==> flow/design.v <==
module dp_barrel_mod #(
   parameter W = 80,
   parameter LOGN = $clog2(W)
) (
   input wire core_clk,
   input wire resetn,
   input wire step,
   input wire [W-1:0] i_din,
   input wire [LOGN-1:0] i_n,
   input wire [1:0] i_kind,
   output reg [W-1:0] o_out
);
   reg [W-1:0] tmp;
   always @(*) begin
      case (i_kind)
         2'b00: tmp = i_din << i_n;
         2'b01: tmp = i_din >> i_n;
         2'b10: tmp = $signed(i_din) >>> i_n;
         default: tmp = i_din;
      endcase
   end
   always @(posedge core_clk) begin
      if (~resetn) begin
         o_out <= 0;
      end else if (step) begin
         o_out <= tmp;
      end
   end
endmodule
== Step by step through the tools: dp_barrel_mod ==
What the tools print for dp_barrel_mod, step after step.
Line numbers count from 1 in the design file above.
Library cell names are shortened.
The mark n/a stands for no value.
Set-up
  design top: dp_barrel_mod
  clock input: core_clk
  standard-cell library: sky130hd
  timing corner: tt_025C_1v80

== Word level ==
Counts by Yosys on the flattened word-level netlist (proc, flatten, opt, wreduce; memories kept). Register bits leave out memories and registers merged into their read ports (data or address); mux counts leave out enables and synchronous resets folded into registers. Print and check cells are left out. Cells with the same type and inputs are merged into one.
Cells by class
  equality and inequality tests: 2
  shifts and indexed selects: 3
  reductions and logical operators: 1
  multiplexer cells: 1
Operator list (number)
  parallel mux 80 bit (select 3 bit): 1
  << shifter 80 x 7 -> 80 bit: 1
  right shift 80 x 7 -> 80 bit: 1
  >>> shifter 80 x 7 -> 80 bit: 1
  == test 2 x 1 -> 1 bit (second input constant): 1
  == test 2 bit (second input constant): 1
  logical NOT 2 bit: 1
Word-level totals
  cells after elaboration: 8
  input port bits: 92
  register bits: 80

== Logic depth ==
Depth = most cells in a row (Yosys ltp): at word level without a register or memory, in the mapped netlist without a sequential cell, where the memories' decode and read muxes count.
Depth
  word-level depth: 2
  ABC_AREA: 1
  gate-level depth with buffers: 19
  depth with buffers taken out: 17

== After synthesis ==
Yosys stat after the flow's synthesis: flattened, memories mapped to cells. It holds for the ABC_AREA given above (unset counts as 0); a run with the other value may have another netlist.
Cells by type (number)
  nand3_1: 935
  nand2_1: 978
  dfxtp_1: 80
  nor2_1: 231
  a21oi_1: 162
  buf_2: 105
  o21ai_0: 69
  clkbuf_1: 67
  nand3_2: 24
  o21ai_1: 47
  nand4_1: 33
  nand2_4: 18
  inv_1: 48
  buf_4: 15
  buf_1: 28
  o211ai_1: 14
  o21ai_2: 12
  and2_1: 9
Not listed: further types 28, cells in them 67.
Mapped netlist
  flip-flop cells: 80
  sequential area: 1601.5 µm²
  mapped cells: 2942
  buffers: 225
  chip area (Yosys): 14809.2 µm²

== Timing after synthesis ==
OpenSTA on the mapped netlist: ideal clock, no wires. The path of least setup slack (recovery checks aside). Input and output delay are each 20% of the period. Register names are those of the netlist, which keeps one name where synthesis merged equal registers.
Path post-synthesis
  path kind: in2reg
  start: input i_n[2]
  end: register o_out[76]
  data arrival time: 2012 ps
  required time: 3308 ps
  delay of the path: 1456 ps
  stages on the path: 12
  clock period: 3440 ps
  slack: 1296 ps
  input delay: 688 ps
  period reached after synthesis: 2144 ps
"delay of the path" = arrival - input delay + setup time.
"stages on the path": output pins that drive a net of the path, with the launching flip-flop's if there is one; two outputs of one cell count as two.
"period reached after synthesis" is the clock period less the worst setup slack; recovery checks do not enter. This is arithmetic on one report: input and output delays are still those of the set period (20% each).
The rows between start and end are the longest chain of elaborated cells between them; the timing report does not say that the signal goes this way. Where chains are equally long, one stands for them.
A line is the first line of the expression or statement that the cell stems from. Yosys adds cells for indexed reads and writes and turns some case tables into memories.
On the way, post-synthesis
  path through: buf_2 inv_2 buf_2 buf_1 nand2_1 nand3_1 nand2_1 o21bai_1 a21oi_1 nand2_1 o21ai_1 a21oi_1
  cells in the longest elaborated chain: 2
  elaborated cells on any way between the ends: 4
RTL lines, path post-synthesis
  from (decl): line 9  | input wire [LOGN-1:0] i_n,
  >>> shifter 80 x 7 -> 80 bit: line 18  | 2'b10: tmp = $signed(i_din) >>> i_n;
  parallel mux 80 bit (select 3 bit): line 15  | case (i_kind)
  to (assign): line 24  | o_out <= 0;
  to (assign): line 26  | o_out <= tmp;
  to (decl): line 11  | output reg [W-1:0] o_out

== Timing after layout ==
From the final timing report of flow run A: the path of least setup slack in the routed layout; clock arrival at registers is part of the times.
The path's times are printed in steps of 10 ps; the period is the one set.
Path after layout
  path kind: in2reg
  start: input i_n[5]
  end: register o_out[77]
  stages on the path: 13
  slack: 710 ps
  input delay: 910 ps
  clock period: 4570 ps
  required time: 4840 ps
  data arrival time: 4130 ps
The rows between start and end are the longest chain of elaborated cells between them; the timing report does not say that the signal goes this way. Where chains are equally long, one stands for them.
On the way, after layout
  path through: clkdlybuf4s50_1 nor2_2 inv_1 nor2_1 buf_4 o21ai_0 a21oi_2 nand2_1 nand2_1 nor2_1 nand3_1 nand2_1 a21oi_1
  cells in the longest elaborated chain: 2
  elaborated cells on any way between the ends: 4
RTL lines, path after layout
  from (decl): line 9  | input wire [LOGN-1:0] i_n,
  >>> shifter 80 x 7 -> 80 bit: line 18  | 2'b10: tmp = $signed(i_din) >>> i_n;
  parallel mux 80 bit (select 3 bit): line 15  | case (i_kind)
  to (assign): line 24  | o_out <= 0;
  to (assign): line 26  | o_out <= tmp;
  to (decl): line 11  | output reg [W-1:0] o_out

Design dp_barrel_mod on sky130hd. What follows are 3 stored runs of the flow, each under its own settings; their order means nothing. The constraints put input and output delay at 20% of the set period each and load the outputs with 0.01 pF.
"achieved clock period" = clock period - worst setup slack. The figure is calculated, with input and output delays left at 20% of the set period.
"worst setup path time" means the part of the period allowed to the worst setup path (the constraints hold back 20% at inputs and 20% at outputs) less its slack; where the path has registers, the arrival times of their clocks count too.
"power" rests on the timing tool's default activity at the inputs, not on a simulated workload.
"worst setup path time" is given in steps of 10 ps.

Flow run A
==> flow/run.sh <==
#!/bin/bash
# the make line also repeats the synthesis and layout settings of config.mk as NAME=value (left out here)
make -C /OpenROAD-flow-scripts/flow DESIGN_CONFIG=/design/flow/config.mk WORK_HOME=/design/flow/orfs CLKGATE_MAP_FILE= finish
==> flow/config.mk <==
export PLATFORM = sky130hd
export DESIGN_NAME = dp_barrel_mod
export DESIGN_NICKNAME = dp_barrel_mod
export VERILOG_FILES = /design/flow/design.v
export SDC_FILE = /design/flow/constraint.sdc
export NUM_CORES = 4
export LEC_CHECK = 0
export ABC_AREA = 1
export CAP_MARGIN = 5
export CELL_PAD_IN_SITES_DETAIL_PLACEMENT = 0
export CORE_MARGIN = 2
export CORE_UTILIZATION = 31
export CTS_CLUSTER_DIAMETER = 367
export PLACE_DENSITY = 0.52
export SLEW_MARGIN = 35
export TNS_END_PERCENT = 15
==> flow/constraint.sdc <==
create_clock -name core_clock -period 4.57 [get_ports {core_clk}]
set_input_delay 0.9140 -clock core_clock [delete_from_list [all_inputs] [get_ports {core_clk}]]
set_output_delay 0.9140 -clock core_clock [all_outputs]
set_load 0.01 [all_outputs]

==> results of flow run A <==
chip area after synthesis (Yosys): 14809.2 µm²
die area: 49535.2 µm²
standard-cell area of the final layout: 17226.5 µm²
utilization: 0.363
worst setup slack after layout: 713 ps
total negative slack: 0 ps
worst hold slack: 463 ps
power: 3896 µW
achieved clock period: 3857 ps
worst setup path time: 2940 ps
worst setup path kind: in2reg

Flow run B
==> flow/run.sh <==
#!/bin/bash
# the make line also repeats the synthesis and layout settings of config.mk as NAME=value (left out here)
make -C /OpenROAD-flow-scripts/flow DESIGN_CONFIG=/design/flow/config.mk WORK_HOME=/design/flow/orfs CLKGATE_MAP_FILE= finish
==> flow/config.mk <==
export PLATFORM = sky130hd
export DESIGN_NAME = dp_barrel_mod
export DESIGN_NICKNAME = dp_barrel_mod
export VERILOG_FILES = /design/flow/design.v
export SDC_FILE = /design/flow/constraint.sdc
export NUM_CORES = 4
export LEC_CHECK = 0
export CAP_MARGIN = 20
export CORE_MARGIN = 2
export CORE_UTILIZATION = 40
export SLEW_MARGIN = 20
==> flow/constraint.sdc <==
create_clock -name core_clock -period 3.44 [get_ports {core_clk}]
set_input_delay 0.6880 -clock core_clock [delete_from_list [all_inputs] [get_ports {core_clk}]]
set_output_delay 0.6880 -clock core_clock [all_outputs]
set_load 0.01 [all_outputs]

==> results of flow run B <==
chip area after synthesis (Yosys): 16636.0 µm²
die area: 43237.0 µm²
standard-cell area of the final layout: 22786.9 µm²
utilization: 0.557
worst setup slack after layout: -41 ps
total negative slack: -69 ps
worst hold slack: 463 ps
power: 6490 µW
achieved clock period: 3481 ps
worst setup path time: 2790 ps
worst setup path kind: in2reg

Flow run C
==> flow/run.sh <==
#!/bin/bash
# the make line also repeats the synthesis and layout settings of config.mk as NAME=value (left out here)
make -C /OpenROAD-flow-scripts/flow DESIGN_CONFIG=/design/flow/config.mk WORK_HOME=/design/flow/orfs CLKGATE_MAP_FILE= finish
==> flow/config.mk <==
export PLATFORM = sky130hd
export DESIGN_NAME = dp_barrel_mod
export DESIGN_NICKNAME = dp_barrel_mod
export VERILOG_FILES = /design/flow/design.v
export SDC_FILE = /design/flow/constraint.sdc
export NUM_CORES = 4
export LEC_CHECK = 0
export CAP_MARGIN = 20
export CELL_PAD_IN_SITES_DETAIL_PLACEMENT = 1
export CORE_MARGIN = 3
export CORE_UTILIZATION = 57
export CTS_CLUSTER_DIAMETER = 111
export MAX_ROUTING_LAYER = met4
export MIN_ROUTING_LAYER = met2
export PLACE_DENSITY_LB_ADDON = 0.26
export SLEW_MARGIN = 20
export TNS_END_PERCENT = 100
==> flow/constraint.sdc <==
create_clock -name core_clock -period 1.72 [get_ports {core_clk}]
set_input_delay 0.3440 -clock core_clock [delete_from_list [all_inputs] [get_ports {core_clk}]]
set_output_delay 0.3440 -clock core_clock [all_outputs]
set_load 0.01 [all_outputs]

==> results of flow run C <==
did not finish, placement stopped with DPL-0033
